==> flow/design.v <==
module cpu_comparator_stage #(
  parameter integer WD = 12,
  parameter integer WAYS = 5
) (
  input wire clk,
  input wire step,
  input wire [WAYS*WD-1:0] i_bus,
  output wire [WD-1:0] o_max_o
);
  reg [WAYS*WD-1:0] bus_r;
  always @(posedge clk) begin
    if (step) begin
      bus_r <= i_bus;
    end
  end
  wire [WD-1:0] nd [1:2*WAYS-1];
  genvar k;
  generate
    for (k = 0; k < WAYS; k = k + 1) begin : slice
      assign nd[WAYS+k] = bus_r[k*WD +: WD];
    end
    for (k = 1; k < WAYS; k = k + 1) begin : g_bit
      assign nd[k] = (nd[2*k] > nd[2*k+1]) ? nd[2*k] : nd[2*k+1];
    end
  endgenerate
  reg [WD-1:0] max_o_r;
  always @(posedge clk) begin
    if (step) begin
      max_o_r <= nd[1];
    end
  end
  assign o_max_o = max_o_r;
endmodule
Reports on cpu_comparator_stage --
Tool output for the design above, in the order of the flow. Line numbers count from 1 in the design file above. Library cell names are shortened. Not given: --
Set-up: top cpu_comparator_stage, clock port clk, cell library sky130hd, timing corner tt_025C_1v80

After elaboration --
Source: Yosys, flattened and elaborated. Widths are those after wreduce; folded enables and synchronous resets count as part of the registers. Registers that Yosys merges into a memory's read port (data or address) are not register bits. Print and check cells do not count. Equal cells are merged and count once.
Storage and ports: word-level cells 10, register bits 72, output and inout port bits 12, input port bits 62
Cells by class: order comparisons 4, mux-type cells 4
Operators by type and width (number):
- > comparator 12 bit | 4
- two-way mux 12 bit | 4

Depth --
Longest topological path by Yosys (ltp), each cell counted once; first at word level (registers and memories cut), then after technology mapping (sequential cells cut; the memories' decode and read muxes count).
Logic depth: word-level depth 6, ABC_AREA 0, depth in mapped cells 26, gate-level depth less buffers 22

Synthesis result --
Source: synth_stat.txt of the flow (Yosys; design flattened, memories mapped). It holds for the ABC_AREA given above (unset counts as 0); a run with the other value may have another netlist. The area totals of this step are shown rounded.
Mapped netlist: flip-flops 72, standard cells after synthesis 342, buffers 8, sequential area 2200 sq um, chip area (Yosys) 4200 sq um
Cell types (number):
- edfxtp_1 | 72
- ha_1 | 48
- inv_1 | 54
- a21oi_1 | 24
- mux2i_1 | 11
- a21o_1 | 14
- a311oi_1 | 8
- a211oi_1 | 8
- o21ai_0 | 12
- nand4_1 | 9
- o22ai_1 | 9
- o221a_2 | 4
- a211o_1 | 5
- a211oi_2 | 3
- o21a_1 | 5
- a221oi_1 | 3
- nor2_1 | 7
- nor3_1 | 5
Not listed: further types 27, cells in them 41.

Path before layout --
OpenSTA on the mapped netlist: ideal clock, no wires. The path of least setup slack (recovery checks aside). Input and output delay are each 20% of the period. Register names are those of the netlist, which keeps one name where synthesis merged equal registers.
Path post-synthesis: path type flip-flop to flip-flop, start point register bus_r[47], end point register max_o_r[10], delay of the path 5119 ps, arrival 4851 ps, path slack 1280 ps, library setup time 268 ps, buffers on the path 6, clock period 6400 ps, required time 6132 ps, driving pins on the path 24, synthesis period reached 5120 ps
"delay of the path" = arrival - input delay + setup time. "driving pins on the path": output pins that drive a net of the path, with the launching flip-flop's if there is one; two outputs of one cell count as two. "synthesis period reached" = period - worst setup slack (recovery checks aside). The figure is calculated, with input and output delays left at 20% of the set period. Between the ends stands the longest chain of elaborated cells between them, by number of cells; it is not shown to be the way that was timed. Of several equally long chains one is given. Each line given opens the expression or statement behind the cell; cells for indexed reads and writes are added by Yosys, which also makes memories of some case tables.
Between the ends, post-synthesis: cell sequence edfxtp_1 -> ha_1 -> and4_4 -> nand4_2 -> a21o_1 -> buf_6 -> a31o_1 -> buf_6 -> buf_8 -> a21o_1 -> ha_1 -> nand4_1 -> nor4_1 -> a31o_2 -> buf_2 -> clkbuf_1 -> a21oi_1 -> ha_1 -> nand4_1 -> nor3_2 -> o21ba_2 -> clkbuf_1 -> o21ai_0 -> o22ai_1, length of the longest elaborated chain 6, elaborated cells on any way between the ends 6, source lines of those cells 1
Ends and longest elaborated chain, post-synthesis:
- from (decl) | line 10 | reg [WAYS*WD-1:0] bus_r;
- from (assign) | line 13 | bus_r <= i_bus;
- > comparator 12 bit | line 23 | assign nd[k] = (nd[2*k] > nd[2*k+1]) ? nd[2*k] : nd[2*k+1];
- two-way mux 12 bit | line 23
- > comparator 12 bit | line 23
- two-way mux 12 bit | line 23
- > comparator 12 bit | line 23
- two-way mux 12 bit | line 23
- to (assign) | line 29 | max_o_r <= nd[1];
- to (decl) | line 26 | reg [WD-1:0] max_o_r;

Worst path after layout --
From the final timing report of flow run 1: the path of least setup slack in the routed layout; clock arrival at registers is part of the times. The report prints the path's times to 10 ps; the period is as set.
Path post-layout: path type flip-flop to flip-flop, start point register bus_r[59], end point register max_o_r[7], arrival 5880 ps, buffers on the path 0, driving pins on the path 23, required time 6480 ps, library setup time 270 ps, path slack 590 ps, clock period 6400 ps
Between the ends stands the longest chain of elaborated cells between them, by number of cells; it is not shown to be the way that was timed. Of several equally long chains one is given.
Between the ends, post-layout: cell sequence edfxtp_1 -> inv_1 -> ha_1 -> and4_4 -> nand4_2 -> a21o_1 -> a31oi_4 -> mux2i_1 -> inv_1 -> ha_1 -> nand4_1 -> nor2_1 -> o21ai_0 -> a31o_2 -> a211oi_1 -> a21oi_1 -> ha_1 -> a21oi_1 -> o21a_1 -> o221ai_1 -> nor2_2 -> nor3_1 -> a221oi_1, length of the longest elaborated chain 6, elaborated cells on any way between the ends 6, source lines of those cells 1
Ends and longest elaborated chain, post-layout:
- from (decl) | line 10 | reg [WAYS*WD-1:0] bus_r;
- from (assign) | line 13 | bus_r <= i_bus;
- > comparator 12 bit | line 23 | assign nd[k] = (nd[2*k] > nd[2*k+1]) ? nd[2*k] : nd[2*k+1];
- two-way mux 12 bit | line 23
- > comparator 12 bit | line 23
- two-way mux 12 bit | line 23
- > comparator 12 bit | line 23
- two-way mux 12 bit | line 23
- to (assign) | line 29 | max_o_r <= nd[1];
- to (decl) | line 26 | reg [WD-1:0] max_o_r;

Memo
Re: implementation data of cpu_comparator_stage

3 stored runs of cpu_comparator_stage in the flow (synthesis by Yosys, layout by OpenROAD, sky130hd cells), in arbitrary order. Constraints: input delay and output delay 20% of the set period each, output load 0.01 pF.
"period achieved": clock period set for the run, less the worst setup slack. It is reckoned from that one timing run; input and output delays stay at 20% of the period that was set.
By "worst setup path time" is meant the share of the clock period that the worst setup path is allowed (20% is reserved at inputs, 20% at outputs), minus its slack. Clock arrival times at its registers enter into it.
"total power of the final layout": no workload was simulated; the value follows from the tool's default switching activity.
"worst setup path time" is given in steps of 10 ps.
Measured values are rounded.

* Flow run 1 | settings: period_ns 6.4; CAP_MARGIN 20; CORE_MARGIN 2; CORE_UTILIZATION 40; SLEW_MARGIN 20 | results: utilization after layout 51%; overall die area 11000 sq um; final setup TNS 0 ps; final worst hold slack 680 ps; total power of the final layout 1.5 mW; worst setup path time 5810 ps; worst setup path kind flip-flop to flip-flop; worst slack on setup checks 590 ps; standard-cell area after layout 5200 sq um; netlist area reported by Yosys 4200 sq um; period achieved 5806 ps
* Flow run 2 | settings: period_ns 4.24; CORE_UTILIZATION 69; PLACE_DENSITY_LB_ADDON 0.01; CELL_PAD_IN_SITES_GLOBAL_PLACEMENT 3; GPL_ROUTABILITY_DRIVEN 0; CTS_CLUSTER_SIZE 12; MIN_ROUTING_LAYER met1; CAP_MARGIN 20; CORE_MARGIN 2; SLEW_MARGIN 20 | no results, placement failed with FLW-0024
* Flow run 3 | settings: period_ns 7.94; CORE_UTILIZATION 53; SETUP_SLACK_MARGIN 0.44; TNS_END_PERCENT 90; GPL_ROUTABILITY_DRIVEN 0; CTS_CLUSTER_SIZE 27; CTS_CLUSTER_DIAMETER 103; CAP_MARGIN 20; SLEW_MARGIN 20; MIN_ROUTING_LAYER met1; MAX_ROUTING_LAYER met5; CORE_MARGIN 2 | results: utilization after layout 68%; overall die area 8600 sq um; final setup TNS 0 ps; final worst hold slack 710 ps; total power of the final layout 1.3 mW; worst setup path time 5860 ps; worst setup path kind flip-flop to flip-flop; worst slack on setup checks 2100 ps; standard-cell area after layout 5200 sq um; netlist area reported by Yosys 4200 sq um; period achieved 5861 ps
